==> flow/design.v <==
module sh_core_v2 #(
   parameter DWIDTH = 32,
   parameter SEL_WIDTH = $clog2(DWIDTH)
) (
   input  clock,
   input  reset,
   input  [DWIDTH-1:0] in_src,
   input  [SEL_WIDTH-1:0] in_n,
   output [DWIDTH-1:0] out_dout
);
   reg [DWIDTH-1:0] src_d1;
   reg [SEL_WIDTH-1:0] n_d1;
   reg [DWIDTH-1:0] nxt_d1;
   reg [1:0] n_d1_lo;
   reg [DWIDTH-1:0] dout_d1;
   assign out_dout = dout_d1;
   always @(posedge clock) begin
      if (reset) begin
         src_d1 <= 0;
         n_d1 <= 0;
         nxt_d1 <= 0;
         n_d1_lo <= 0;
         dout_d1 <= 0;
      end else begin
         src_d1 <= in_src;
         n_d1 <= in_n;
         nxt_d1 <= src_d1 << {n_d1[SEL_WIDTH-1:2], 2'b00};
         n_d1_lo <= n_d1[1:0];
         dout_d1 <= nxt_d1 << n_d1_lo;
      end
   end
endmodule
* Reports on sh_core_v2
The steps from the RTL of sh_core_v2 to its reports follow in flow order.
Line numbers count from 1 in the design file above.
Cell names lack the library's common part.
Not given: --
- Design top :: sh_core_v2
- Clock port :: clock
- Library :: sky130hd
- Corner :: tt_025C_1v80

* Word-level counts
Source: Yosys, flattened and elaborated, memories not mapped. Widths are those after wreduce; folded enables and synchronous resets count as part of the registers. Registers that Yosys merges into a memory's read port (data or address) are not register bits. Print and check cells do not count. Equal cells are merged and count once.
- Flip-flop bits (word level) :: 103
- Output and inout port bits :: 32
- Shifts and indexed selects :: 2
** Operator list (number)
- 32-bit by 2-bit << shifter with 32-bit output :: 1
- 32-bit by 5-bit << shifter with 32-bit output :: 1

* Longest topological paths
Yosys ltp: most cells in a row. Word level: on the elaborated netlist, between registers, memories and ports. Mapped: between sequential cells and ports; inverters and the memories' decode and read muxes count.
- Depth after elaboration :: 1
- ABC_AREA :: 0
- Gate-level depth with buffers :: 6
- Mapped depth without buffers :: 3

* After synthesis
Source: synth_stat.txt of the flow (Yosys; design flattened, memories mapped). It holds for the ABC_AREA given above (unset counts as 0); a run with the other value may have another netlist.
Totals and module areas in this step are rounded.
** Cells by type (number)
- dfxtp_1 :: 103
- mux4_2 :: 28
- nor2b_1 :: 70
- mux2i_1 :: 28
- mux2_2 :: 18
- o221ai_1 :: 8
- buf_6 :: 6
- nor2_1 :: 17
- buf_2 :: 9
- nand2_1 :: 12
- buf_4 :: 5
- nand2b_1 :: 5
- a221o_1 :: 3
- clkbuf_1 :: 7
- and3_1 :: 4
- a22oi_1 :: 3
- o22ai_1 :: 3
- a211oi_1 :: 2
Other cell types: 16; their cells: 20.
- Mapped cells :: 351
- Chip area (Yosys) :: 4300 µm²
- Flip-flops :: 103

* Path before layout
Path of least setup slack by OpenSTA after synthesis, without wires, with an ideal clock, recovery checks aside; 20% of the period is set as input and as output delay. Where synthesis merged equal registers, the netlist keeps one of their names.
- Path type :: reg2reg
- From :: register n_d1_lo[0]
- To :: register dout_d1[10]
- Clock period :: 1690 ps
- Library setup time :: 128 ps
- Time at the first pin :: 0 ps
- Arrival time :: 1225 ps
- Slack :: 337 ps
- Delay of the path :: 1353 ps
- Driving pins on the path :: 5
- Synthesis period reached :: 1353 ps
"delay of the path" is the arrival time less input delay plus setup time.
"driving pins on the path": output pins that drive a net of the path, with the launching flip-flop's if there is one; two outputs of one cell count as two.
"synthesis period reached" is the clock period less the worst setup slack; recovery checks do not enter. This is arithmetic on one report: input and output delays are still those of the set period (20% each).
Between the ends stands the longest chain of elaborated cells between them, by number of cells; it is not shown to be the way that was timed. Of several equally long chains one is given.
A line is the first line of the expression or statement that the cell stems from. Yosys adds cells for indexed reads and writes and turns some case tables into memories.
- Path through :: dfxtp_1 buf_6 buf_6 mux4_2 nor2b_1
- Length of the longest elaborated chain :: 1
** Ends and longest elaborated chain, after synthesis
- start, declared :: RTL line 14 : reg [1:0] n_d1_lo;
- start, assigned :: RTL line 22 : n_d1_lo <= 0;
- start, assigned :: RTL line 28 : n_d1_lo <= n_d1[1:0];
- 32-bit by 2-bit << shifter with 32-bit output :: RTL line 29 : dout_d1 <= nxt_d1 << n_d1_lo;
- end, assigned :: RTL line 23 : dout_d1 <= 0;
- end, assigned :: RTL line 29
- end, declared :: RTL line 15 : reg [DWIDTH-1:0] dout_d1;

* Worst path after layout
From the final timing report of stored run 1: the path of least setup slack in the routed layout; clock arrival at registers is part of the times.
The path's times are printed in steps of 10 ps; the period is the one set.
- Path type :: reg2out
- From :: register dout_d1[8]
- To :: output port out_dout[8]
- Clock period :: 1690 ps
- External output delay :: 340 ps
- Time at the first pin :: 360 ps
- Arrival time :: 1210 ps
- Slack :: 150 ps
- Driving pins on the path :: 2
- Path through :: dfxtp_1 clkdlybuf4s50_1
- Length of the longest elaborated chain :: 0
** Ends and longest elaborated chain, post-layout
- start, declared :: RTL line 15 : reg [DWIDTH-1:0] dout_d1;
- start, assigned :: RTL line 23 : dout_d1 <= 0;
- start, assigned :: RTL line 29 : dout_d1 <= nxt_d1 << n_d1_lo;
- end, declared :: RTL line 9 : output [DWIDTH-1:0] out_dout

==> results <==
Top module sh_core_v2; platform sky130hd; tools Yosys and OpenROAD; 2 stored runs in no particular order. Input and output delays are each 20% of the period that was set; the output load is 0.01 pF.
"reached clock period" = clock period - worst setup slack. The figure is calculated, with input and output delays left at 20% of the set period.
"worst setup path time" = time allowed to the worst setup path (clock period - input delay - output delay, where it has them) - its slack; a late launch clock adds to it, a late capture clock takes from it.
"total power of the final layout" is the tool's figure for a default switching activity; nothing was simulated.
"worst setup path time" is known to 10 ps.
Measured values are rounded.

* Stored run 1
** Files
==> flow/run.sh <==
#!/bin/bash
# the make line also repeats the synthesis and layout settings of config.mk as NAME=value (left out here)
make -C /OpenROAD-flow-scripts/flow DESIGN_CONFIG=/design/flow/config.mk WORK_HOME=/design/flow/orfs CLKGATE_MAP_FILE= finish
==> flow/config.mk <==
export PLATFORM = sky130hd
export DESIGN_NAME = sh_core_v2
export DESIGN_NICKNAME = sh_core_v2
export VERILOG_FILES = /design/flow/design.v
export SDC_FILE = /design/flow/constraint.sdc
export NUM_CORES = 4
export LEC_CHECK = 0
export CAP_MARGIN = 20
export CORE_MARGIN = 2
export CORE_UTILIZATION = 40
export SLEW_MARGIN = 20
==> flow/constraint.sdc <==
create_clock -name core_clock -period 1.69 [get_ports {clock}]
set_input_delay 0.3380 -clock core_clock [delete_from_list [all_inputs] [get_ports {clock}]]
set_output_delay 0.3380 -clock core_clock [all_outputs]
set_load 0.01 [all_outputs]
** Results
- Full die area :: 11000 µm²
- Total negative setup slack :: 0 ps
- Chip area after synthesis (Yosys) :: 4300 µm²
- Total power of the final layout :: 0.0047 W
- Reached clock period :: 1545 ps
- Std-cell area (final layout) :: 5300 µm²
- Setup slack of the worst path :: 150 ps
- Final design utilization :: 0.51
- Worst setup path time :: 1210 ps
- Worst setup path type :: reg2out
- Worst hold slack :: 450 ps

* Stored run 2
** Files
==> flow/run.sh <==
#!/bin/bash
# the make line also repeats the synthesis and layout settings of config.mk as NAME=value (left out here)
make -C /OpenROAD-flow-scripts/flow DESIGN_CONFIG=/design/flow/config.mk WORK_HOME=/design/flow/orfs CLKGATE_MAP_FILE= finish
==> flow/config.mk <==
export PLATFORM = sky130hd
export DESIGN_NAME = sh_core_v2
export DESIGN_NICKNAME = sh_core_v2
export VERILOG_FILES = /design/flow/design.v
export SDC_FILE = /design/flow/constraint.sdc
export NUM_CORES = 4
export LEC_CHECK = 0
export ABC_AREA = 0
export CAP_MARGIN = 20
export CORE_MARGIN = 2
export CORE_UTILIZATION = 59
export SETUP_SLACK_MARGIN = 0.35
export SLEW_MARGIN = 25
export TNS_END_PERCENT = 10
==> flow/constraint.sdc <==
create_clock -name core_clock -period 1.7 [get_ports {clock}]
set_input_delay 0.3400 -clock core_clock [delete_from_list [all_inputs] [get_ports {clock}]]
set_output_delay 0.3400 -clock core_clock [all_outputs]
set_load 0.01 [all_outputs]
** Results
- Full die area :: 7900 µm²
- Total negative setup slack :: 0 ps
- Chip area after synthesis (Yosys) :: 4300 µm²
- Total power of the final layout :: 0.005 W
- Reached clock period :: 1576 ps
- Std-cell area (final layout) :: 5300 µm²
- Setup slack of the worst path :: 120 ps
- Final design utilization :: 0.78
- Worst setup path time :: 1240 ps
- Worst setup path type :: reg2out
- Worst hold slack :: 440 ps
